==> flow/design.v <==
module dp_mult_top #(
  parameter XLEN = 6,
  parameter GB = 8
) (
  input wire ck,
  input wire valid,
  input wire [XLEN-1:0] in_arg0,
  input wire [XLEN-1:0] in_arg1,
  input wire in_start,
  output wire [2*XLEN+GB-1:0] out_mul
);
  reg [XLEN-1:0] arg0_reg;
  reg [XLEN-1:0] arg1_reg;
  reg start_reg;
  reg [2*XLEN-1:0] nxt_reg;
  reg start_reg_d;
  reg [2*XLEN+GB-1:0] accum;
  always @(posedge ck) begin
    if (valid) begin
      arg0_reg <= in_arg0;
      arg1_reg <= in_arg1;
      start_reg <= in_start;
      nxt_reg <= arg0_reg * arg1_reg;
      start_reg_d <= start_reg;
      accum <= start_reg_d ? nxt_reg : accum + nxt_reg;
    end
  end
  assign out_mul = accum;
endmodule
# Step by step through the tools: dp_mult_top
# Tool output for the design above, in the order of the flow.
# Line numbers count from 1 in the design file above.
# Library cell names are shortened.
# Not given: n/a
# inputs
top	dp_mult_top
clock_port	ck
library	sky130hd
pvt_corner	tt_025C_1v80

# Word-level counts
# Counts by Yosys on the flattened word-level netlist (proc, flatten, opt, wreduce; memories kept). Register bits leave out memories and registers merged into their read ports (data or address); mux counts leave out enables and synchronous resets folded into registers. Print and check cells are left out. Cells with the same type and inputs are merged into one.
# op_classes
add_sub_neg	1
multipliers	1
n_mux	1
# op_table
cell	n
multiplier 6 x 6 -> 12 bit	1
adder 20 x 12 -> 20 bit	1
2-to-1 mux 12 bit	1
# word_totals
ff_bits	46
elab_cells	10

# Logic depth
# Longest topological path by Yosys (ltp), each cell counted once; first at word level (registers and memories cut), then after technology mapping (sequential cells cut; the memories' decode and read muxes count).
# logic_depth
ltp_word	2
abc_area	0
depth_mapped	13
mapped_depth_nobuf	13

# Mapped cells and area
# Yosys stat after the flow's synthesis: flattened, memories mapped to cells. It holds for the ABC_AREA given above (unset counts as 0); a run with the other value may have another netlist.
# Totals and module areas in this step are rounded.
# types
type	n	area_total_um2
edfxtp_1	46	1.38E+03
ha_1	32	400.384
fa_1	18	360.346
and2_1	28	175.168
nand2_1	32	120.115
xnor2_1	13	113.859
inv_1	24	90.086
a21oi_1	16	80.077
nor2_1	19	71.318
xor2_1	7	61.309
a21o_1	7	52.55
o21ai_1	9	45.043
o21ai_0	7	35.034
nand2b_1	5	31.28
o2111ai_4	1	26.275
and3_1	3	18.768
nor2b_1	3	18.768
o21ai_2	2	17.517
# Other cell types: 25; their cells: 33.
# mapped
stdcells	305
area_um2	3350
seq_area_um2	1380
flip_flops	46
buf_cells	5

# Worst setup path after synthesis
# Path of least setup slack by OpenSTA after synthesis, without wires, with an ideal clock, recovery checks aside; 20% of the period is set as input and as output delay. Where synthesis merged equal registers, the netlist keeps one of their names.
# synth_path
kind	register to register
start	register arg0_reg[3]
end	register nxt_reg[11]
period_ns	4.7
setup_time_ns	0.262
arrival_time_ns	3.494
slack_ns	0.944
delay_ns	3.756
path_stages	14
n_path_buf	0
synth_period_reached_ns	3.756
# "delay_ns" is the arrival time less input delay plus setup time.
# "path_stages": output pins that drive a net of the path, with the launching flip-flop's if there is one; two outputs of one cell count as two.
# "synth_period_reached_ns" is the clock period less the worst setup slack; recovery checks do not enter. This is arithmetic on one report: input and output delays are still those of the set period (20% each).
# The rows between start and end are the longest chain of elaborated cells between them; the timing report does not say that the signal goes this way. Where chains are equally long, one stands for them.
# A line is the first line of the expression or statement that the cell stems from. Yosys adds cells for indexed reads and writes and turns some case tables into memories.
# synth_via
cell_sequence	edfxtp_1 > and2_1 > fa_1 > inv_1 > fa_1 > fa_1 > inv_1 > ha_1 > a21o_1 > a21oi_1 > nor2_1 > a211oi_1 > a21oi_1 > xor2_1
elab_chain_cells	1
# synth_rtl
element	line	rtl
start, declared	12	reg [XLEN-1:0] arg0_reg;
start, assigned	20	arg0_reg <= in_arg0;
multiplier 6 x 6 -> 12 bit	23	nxt_reg <= arg0_reg * arg1_reg;
end, assigned	23
end, declared	15	reg [2*XLEN-1:0] nxt_reg;

# Path in the finished layout
# Path of least setup slack in the final report of run 1 (OpenROAD, finished layout, wires in). Where an end is a register, its clock arrival counts in the times.
# layout_path
kind	register to register
start	register arg1_reg[2]
end	register nxt_reg[11]
period_ns	2.4
setup_time_ns	0.25
arrival_time_ns	3.53
slack_ns	-1.08
path_stages	14
n_path_buf	0
# The rows between start and end are the longest chain of elaborated cells between them; the timing report does not say that the signal goes this way. Where chains are equally long, one stands for them.
# layout_via
cell_sequence	edfxtp_1 > and2_4 > fa_1 > inv_2 > fa_1 > fa_1 > inv_2 > ha_4 > a21o_1 > a21oi_2 > nor2_1 > a211oi_2 > a21oi_1 > xor2_1
elab_chain_cells	1
# layout_rtl
element	line	rtl
start, declared	13	reg [XLEN-1:0] arg1_reg;
start, assigned	21	arg1_reg <= in_arg1;
multiplier 6 x 6 -> 12 bit	23	nxt_reg <= arg0_reg * arg1_reg;
end, assigned	23
end, declared	15	reg [2*XLEN-1:0] nxt_reg;

# dp_mult_top through Yosys and OpenROAD on sky130hd: 3 stored runs, unordered, with their settings and measured results. The constraints put input and output delay at 20% of the set period each and load the outputs with 0.01 pF.
# By "timing.achieved_period_ns" is meant the clock period of the run minus its worst setup slack. This is arithmetic on one report: input and output delays are still those of the set period (20% each).
# "timing.worst_path_ns" = time allowed to the worst setup path (clock period - input delay - output delay, where it has them) - its slack; a late launch clock adds to it, a late capture clock takes from it.
# By "final_power_uw" is meant OpenSTA's value without simulated activity: inputs other than the clock are taken to toggle once in ten clock periods, and the tool carries that through the logic.
# The measured numbers are rounded.
# Among the settings, n/a means not set for that run.
run name	period_ns	CORE_UTILIZATION	PLACE_DENSITY_LB_ADDON	HOLD_SLACK_MARGIN	CELL_PAD_IN_SITES_DETAIL_PLACEMENT	TNS_END_PERCENT	ABC_AREA	GPL_ROUTABILITY_DRIVEN	CTS_CLUSTER_DIAMETER	CAP_MARGIN	CORE_MARGIN	SLEW_MARGIN	SETUP_SLACK_MARGIN	post_synth_area_um2	dieArea_um2	finalCellArea_um2	layout_utilization_pct	ws_setup_ns	total_negative_slack_ns	fin_hold_ws_ns	final_power_uw	timing.achieved_period_ns	timing.worst_path_ns	timing.worst_path_kind
run 1	2.4	55	0.12	-0.05	0	55	0	0	76	20	2	20	n/a	3350	6740	4210	71.0	-1.08	-6.27	0.422	4240	3.482	3.48	register to register
run 2	4.7	40	n/a	n/a	n/a	n/a	n/a	n/a	n/a	20	2	20	n/a	3350	9130	3890	47.6	0.789	0.000	0.451	1920	3.911	3.91	register to register
run 3	3.01	23	0.17	0.28	n/a	n/a	n/a	1	218	20	2	20	0.06	3350	15600	4360	30.3	-0.478	-1.76	0.419	3550	3.488	3.49	register to register
